==> flow/design.v <==
module u_order #(
  parameter W = 48
) (
  input clk,
  input aresetn,
  input [W-1:0] src1_in,
  input [W-1:0] src2_in,
  output le_out
);
  reg [W-1:0] src1_r;
  reg [W-1:0] src2_r;
  always @(posedge clk) begin
    if (~aresetn) begin
      src1_r <= 0;
      src2_r <= 0;
    end else begin
      src1_r <= src1_in;
      src2_r <= src2_in;
    end
  end
  assign le_out = (src1_r <= src2_r);
endmodule
# [Reports on u_order]
# What the tools print for u_order, step after step.
# Line numbers count from 1 in the design file above.
# Operators carry their Yosys type and port widths (W data, S select, Z words).
# Not given: n/a
[design] top="u_order" clock="clk" cell_library="sky130hd" pvt_corner="tt_025C_1v80"

# [Elaborated design]
# Counts by Yosys on the flattened word-level netlist (proc, flatten, opt, wreduce; memories kept). Register bits leave out memories and registers merged into their read ports (data or address); mux counts leave out enables and synchronous resets folded into registers. Print and check cells are left out. Cells with the same type and inputs are merged into one.
[classes] compare=1
[ops] op="$le A48 B48 Y1" count=1
[bits] register_bits=96 output_inout_bits=1

# [Longest topological paths]
# Depth = most cells in a row (Yosys ltp): at word level without a register or memory, in the mapped netlist without a sequential cell, where the memories' decode and read muxes count.
[logic_depth] ltp_word=1 abc_area=0 mapped_depth=8 depth_no_buf=8

# [After synthesis]
# Source: synth_stat.txt of the flow (Yosys; design flattened, memories mapped). It holds for the ABC_AREA given above (unset counts as 0); a run with the other value may have another netlist.
# Totals and module areas in this step are rounded.
[types] type="sky130_fd_sc_hd__dfxtp_1" count=96 type_area_um2=1.92E+03
[types] type="sky130_fd_sc_hd__and2_1" count=96 type_area_um2=600.576
[types] type="sky130_fd_sc_hd__ha_1" count=48 type_area_um2=600.576
[types] type="sky130_fd_sc_hd__inv_1" count=50 type_area_um2=187.68
[types] type="sky130_fd_sc_hd__a21oi_1" count=22 type_area_um2=110.106
[types] type="sky130_fd_sc_hd__nand4_1" count=10 type_area_um2=62.56
[types] type="sky130_fd_sc_hd__nand2_1" count=11 type_area_um2=41.29
[types] type="sky130_fd_sc_hd__clkbuf_1" count=10 type_area_um2=37.536
[types] type="sky130_fd_sc_hd__a211oi_4" count=1 type_area_um2=20.019
[types] type="sky130_fd_sc_hd__a31o_1" count=2 type_area_um2=17.517
[types] type="sky130_fd_sc_hd__a21o_1" count=2 type_area_um2=15.014
[types] type="sky130_fd_sc_hd__nand3_1" count=3 type_area_um2=15.014
[types] type="sky130_fd_sc_hd__o211ai_1" count=2 type_area_um2=15.014
[types] type="sky130_fd_sc_hd__o21a_1" count=2 type_area_um2=15.014
[types] type="sky130_fd_sc_hd__o21ai_0" count=3 type_area_um2=15.014
[types] type="sky130_fd_sc_hd__o21ai_1" count=3 type_area_um2=15.014
[types] type="sky130_fd_sc_hd__nor2b_1" count=2 type_area_um2=12.512
[types] type="sky130_fd_sc_hd__nor4_1" count=2 type_area_um2=12.512
# Other cell types: 10; their cells: 10.
[synth_totals] cell_count=375 synth_area_mm2=0.0038 seq_area_mm2=0.00192 ff_cells=96 buffers=10

# [Timing after synthesis]
# Path of least setup slack by OpenSTA after synthesis, without wires, with an ideal clock, recovery checks aside; 20% of the period is set as input and as output delay. Where synthesis merged equal registers, the netlist keeps one of their names.
[synth_timing] path_type="register to output" startpoint="register src2_r[47]" endpoint="output port le_out" period_ns=3.09 output_delay_ns=0.618 arrival_time_ns=1.977 t_required_ns=2.472 slack_ns=0.495 path_delay_ns=1.977 stages=9 path_buffers=0 synth_period_reached_ns=2.595
# "path_delay_ns" is the arrival time less input delay plus setup time.
# At an output port there is no setup time.
# "stages": output pins that drive a net of the path, with the launching flip-flop's if there is one; two outputs of one cell count as two.
# "synth_period_reached_ns" = period - worst setup slack (recovery checks aside). The figure is calculated, with input and output delays left at 20% of the set period.
# The rows between start and end are the longest chain of elaborated cells between them; the timing report does not say that the signal goes this way. Where chains are equally long, one stands for them.
# Each line given opens the expression or statement behind the cell; cells for indexed reads and writes are added by Yosys, which also makes memories of some case tables.
[synth_between] cell_sequence="sky130_fd_sc_hd__dfxtp_1 -> sky130_fd_sc_hd__inv_1 -> sky130_fd_sc_hd__ha_1 -> sky130_fd_sc_hd__nand4_1 -> sky130_fd_sc_hd__or3_4 -> sky130_fd_sc_hd__or4_4 -> sky130_fd_sc_hd__nor3_2 -> sky130_fd_sc_hd__a21o_1 -> sky130_fd_sc_hd__a31o_1" elab_chain_cells=1 cone_cells=1
[synth_lines] element="from (decl)" line_no=11 text="reg [W-1:0] src2_r;"
[synth_lines] element="from (assign)" line_no=15 text="src2_r <= 0;"
[synth_lines] element="from (assign)" line_no=18 text="src2_r <= src2_in;"
[synth_lines] element="$le A48 B48 Y1" line_no=21 text="assign le_out = (src1_r <= src2_r);"
[synth_lines] element="to (decl)" line_no=8 text="output le_out"

# [Worst path after layout]
# From the final timing report of record 1: the path of least setup slack in the routed layout; clock arrival at registers is part of the times.
[layout_timing] path_type="register to output" startpoint="register src2_r[44]" endpoint="output port le_out" period_ns=2.31 output_delay_ns=0.46 arrival_time_ns=2.45 t_required_ns=1.85 slack_ns=-0.60 stages=9 path_buffers=1
# The rows between start and end are the longest chain of elaborated cells between them; the timing report does not say that the signal goes this way. Where chains are equally long, one stands for them.
[layout_between] cell_sequence="sky130_fd_sc_hd__dfxtp_2 -> sky130_fd_sc_hd__inv_1 -> sky130_fd_sc_hd__ha_1 -> sky130_fd_sc_hd__nand4_1 -> sky130_fd_sc_hd__or3_4 -> sky130_fd_sc_hd__or4_4 -> sky130_fd_sc_hd__a21o_1 -> sky130_fd_sc_hd__a31o_1 -> sky130_fd_sc_hd__buf_2" elab_chain_cells=1 cone_cells=1
[layout_lines] element="from (decl)" line_no=11 text="reg [W-1:0] src2_r;"
[layout_lines] element="from (assign)" line_no=15 text="src2_r <= 0;"
[layout_lines] element="from (assign)" line_no=18 text="src2_r <= src2_in;"
[layout_lines] element="$le A48 B48 Y1" line_no=21 text="assign le_out = (src1_r <= src2_r);"
[layout_lines] element="to (decl)" line_no=8 text="output le_out"

Ticket comment

Stored flow runs of u_order (3 of them; Yosys, OpenROAD, sky130hd). They differ in their settings and are not a sequence. Constraints: input delay and output delay 20% of the set period each, output load 0.01 pF.
"achieved clock period" is the run's clock period less its worst setup slack. It is reckoned from that one timing run; input and output delays stay at 20% of the period that was set.
By "worst setup path time" is meant the share of the clock period that the worst setup path is allowed (20% is reserved at inputs, 20% at outputs), minus its slack. Clock arrival times at its registers enter into it.
"power" is the tool's figure for a default switching activity; nothing was simulated.
Measured values are rounded.
[record 1] settings: period_ns=2.31, CORE_UTILIZATION=16, PLACE_DENSITY_LB_ADDON=0.28, TNS_END_PERCENT=5, ABC_AREA=0, GPL_TIMING_DRIVEN=0, CTS_CLUSTER_SIZE=70, SLEW_MARGIN=20, CAP_MARGIN=20, CORE_MARGIN=2
[record 1] result: chip area after synthesis (Yosys) 0.0038 mm2, die area 0.025 mm2, standard-cell area of the final layout 0.0055 mm2, utilization 23.5%, worst setup slack after layout -0.604 ns, total negative slack -0.604 ns, worst hold slack 0.488 ns, power 3.76 mW, achieved clock period 2.914 ns, worst setup path time 2.45 ns, worst setup path kind register to output
[record 2] settings: period_ns=2.12, CORE_UTILIZATION=34, SETUP_SLACK_MARGIN=0.51, PLACE_DENSITY_LB_ADDON=0.18, CORE_MARGIN=4, TNS_END_PERCENT=95, CAP_MARGIN=30, SLEW_MARGIN=20
[record 2] result: chip area after synthesis (Yosys) 0.0038 mm2, die area 0.0129 mm2, standard-cell area of the final layout 0.00535 mm2, utilization 49.1%, worst setup slack after layout -0.702 ns, total negative slack -0.702 ns, worst hold slack 0.602 ns, power 3.81 mW, achieved clock period 2.822 ns, worst setup path time 2.40 ns, worst setup path kind register to output
[record 3] settings: period_ns=3.09, CAP_MARGIN=20, CORE_MARGIN=2, CORE_UTILIZATION=40, SLEW_MARGIN=20
[record 3] result: chip area after synthesis (Yosys) 0.0038 mm2, die area 0.0103 mm2, standard-cell area of the final layout 0.00515 mm2, utilization 55.8%, worst setup slack after layout 0.048 ns, total negative slack 0.000 ns, worst hold slack 0.836 ns, power 2.47 mW, achieved clock period 3.042 ns, worst setup path time 2.42 ns, worst setup path kind register to output
